==> flow/design.v <==
module comparator_blk #(
    parameter integer W = 12
) (
    input  logic sys_clk,
    input  logic [W-1:0] i_A,
    input  logic [W-1:0] i_B,
    output logic o_is_eq
);
    logic [W-1:0] r_A;
    always_ff @(posedge sys_clk) begin
        r_A <= i_A;
    end
    logic [W-1:0] r_B;
    always_ff @(posedge sys_clk) begin
        r_B <= i_B;
    end
    logic [W-1:0] nxt;
    assign nxt = r_A ^ r_B;
    always_ff @(posedge sys_clk) begin
        o_is_eq <= (nxt == 0);
    end
endmodule
Tool chain data of comparator_blk
Tool output for the design above, in the order of the flow.
Lines are those of the file above, counted from 1.
Operators carry their Yosys type and port widths (W data, S select, Z words).
Cell names lack the library's common part.
A cell with - has no value.
- design top: comparator_blk
- clock: sys_clk
- library: sky130hd
- library corner: tt_025C_1v80

Word level
Counts by Yosys on the flattened word-level netlist (proc, flatten, opt, wreduce; memories kept). Register bits leave out memories and registers merged into their read ports (data or address); mux counts leave out enables and synchronous resets folded into registers. Print and check cells are left out. Cells with the same type and inputs are merged into one.
- reductions and logical operators at 1
- noted bitwise operators: 1
- operators with widths (kind ; count):
    $xor A12 B12 Y12 ; 1
    $logic_not A12 Y1 ; 1
- noted flip-flop bits (word level): 25
- input bits: 25

Longest topological paths
Yosys ltp: most cells in a row. Word level: on the elaborated netlist, between registers, memories and ports. Mapped: between sequential cells and ports; inverters and the memories' decode and read muxes count.
- depth in word-level cells at 2
- noted ABC_AREA: 0
- gate-level depth with buffers: 3
- depth with buffers taken out at 3

Synthesis result
The flow's flattened synthesis, as Yosys stat reports it; memories are mapped. The netlist is that of the ABC_AREA named above (0 if unset); the other value can give another one.
The area totals of this step are shown rounded.
- cells by type (type ; count):
    dfxtp_1 ; 25
    xnor2_1 ; 12
    nand4_1 ; 3
    nor3_2 ; 1
- mapped area at 634 µm²
- standard cells after synthesis: 41
- noted sequential part of the area: 500 µm²
- flip-flops at 25

Worst setup path after synthesis
OpenSTA on the mapped netlist: ideal clock, no wires. The path of least setup slack (recovery checks aside). Input and output delay are each 20% of the period. Register names are those of the netlist, which keeps one name where synthesis merged equal registers.
- kind: flip-flop to flip-flop
- from: register r_B[3]
- to: register o_is_eq
- period at 0.955 ns
- noted buffers on the path: 0
- slack: 0.191 ns
- arrival: 0.691 ns
- noted setup time: 0.073 ns
- data required time: 0.882 ns
- noted delay of the path: 0.764 ns
- stages: 4
- synthesis period reached at 0.764 ns
"delay of the path" = arrival - input delay + setup time.
"stages" counts driving pins, that of a launching flip-flop among them; a cell with two outputs on the path counts twice.
"synthesis period reached" = period - worst setup slack (recovery checks aside). The figure is calculated, with input and output delays left at 20% of the set period.
Between the ends stands the longest chain of elaborated cells between them, by number of cells; it is not shown to be the way that was timed. Of several equally long chains one is given.
A line is the first line of the expression or statement that the cell stems from. Yosys adds cells for indexed reads and writes and turns some case tables into memories.
- cells stage by stage: dfxtp_1 -> xnor2_1 -> nand4_1 -> nor3_2
- cells in the longest elaborated chain: 2
- ends and longest elaborated chain, after synthesis (element ; line ; RTL):
    from (decl) ; 13 ; logic [W-1:0] r_B;
    from (assign) ; 15 ; r_B <= i_B;
    $xor A12 B12 Y12 ; 18 ; assign nxt = r_A ^ r_B;
    $logic_not A12 Y1 ; 20 ; o_is_eq <= (nxt == 0);
    to (assign) ; 20 ;
    to (decl) ; 7 ; output logic o_is_eq

Path in the finished layout
Path of least setup slack in the final report of run 1 (OpenROAD, finished layout, wires in). Where an end is a register, its clock arrival counts in the times.
- kind: flip-flop to output port
- from: register o_is_eq
- to: output o_is_eq
- stages: 2
- noted buffers on the path: 1
- period at 0.586 ns
- slack: -0.27 ns
- external output delay at 0.12 ns
- data required time: 0.47 ns
- arrival: 0.74 ns
- cells stage by stage: dfxtp_1 -> buf_2
- cells in the longest elaborated chain: 0
- ends and longest elaborated chain, post-layout (element ; line ; RTL):
    from (decl) ; 7 ; output logic o_is_eq
    from (assign) ; 20 ; o_is_eq <= (nxt == 0);
    to (decl) ; 7 ;

Add stored flow runs of comparator_blk

3 stored runs of comparator_blk in the flow (synthesis by Yosys, layout by OpenROAD, sky130hd cells), in arbitrary order. Constraints: input delay and output delay 20% of the set period each, output load 0.01 pF.
"reached clock period" means the clock period less the worst setup slack. The figure is calculated, with input and output delays left at 20% of the set period.
By "time of the worst setup path" is meant the share of the clock period that the worst setup path is allowed (20% is reserved at inputs, 20% at outputs), minus its slack. Clock arrival times at its registers enter into it.
By "power consumption" is meant OpenSTA's value without simulated activity: inputs other than the clock are taken to toggle once in ten clock periods, and the tool carries that through the logic.
The measured numbers are rounded.

Run 1
Settings were period_ns = 0.586; CORE_UTILIZATION = 26; SETUP_SLACK_MARGIN = -0.03; PLACE_DENSITY_LB_ADDON = 0.28; CELL_PAD_IN_SITES_DETAIL_PLACEMENT = 1; TNS_END_PERCENT = 35; GPL_TIMING_DRIVEN = 0; SLEW_MARGIN = 35; MIN_ROUTING_LAYER = met1; MAX_ROUTING_LAYER = met5; CAP_MARGIN = 20; CORE_MARGIN = 2
- noted the power consumption: 2,780 µW
- smallest hold slack: 0.241 ns
- worst setup slack after layout: -0.268 ns
- die footprint at 2,850 µm²
- noted the cell area after synthesis: 634 µm²
- time of the worst setup path at 0.74 ns
- worst path kind: flip-flop to output port
- noted the setup total negative slack: -0.532 ns
- standard-cell area after layout: 950 µm²
- reached clock period: 0.854 ns
- noted the utilization of the finished layout: 42.1 %

Run 2
Settings were period_ns = 0.973; CORE_UTILIZATION = 59; SETUP_SLACK_MARGIN = 0.05; PLACE_DENSITY_LB_ADDON = 0.23; TNS_END_PERCENT = 60; CTS_CLUSTER_SIZE = 80; CAP_MARGIN = 20; CORE_MARGIN = 2; SLEW_MARGIN = 20
- noted the power consumption: 1,650 µW
- smallest hold slack: 0.256 ns
- worst setup slack after layout: -0.031 ns
- die footprint at 1,350 µm²
- noted the cell area after synthesis: 634 µm²
- time of the worst setup path at 0.81 ns
- worst path kind: flip-flop to output port
- noted the setup total negative slack: -0.044 ns
- standard-cell area after layout: 918 µm²
- reached clock period: 1.004 ns
- noted the utilization of the finished layout: 95.3 %

Run 3
Settings were period_ns = 0.955; CAP_MARGIN = 20; CORE_MARGIN = 2; CORE_UTILIZATION = 40; SLEW_MARGIN = 20
- noted the power consumption: 1,690 µW
- smallest hold slack: 0.318 ns
- worst setup slack after layout: 0.029 ns
- die footprint at 1,920 µm²
- noted the cell area after synthesis: 634 µm²
- time of the worst setup path at 0.74 ns
- worst path kind: flip-flop to output port
- noted the setup total negative slack: 0.000 ns
- standard-cell area after layout: 926 µm²
- reached clock period: 0.926 ns
- noted the utilization of the finished layout: 62.2 %
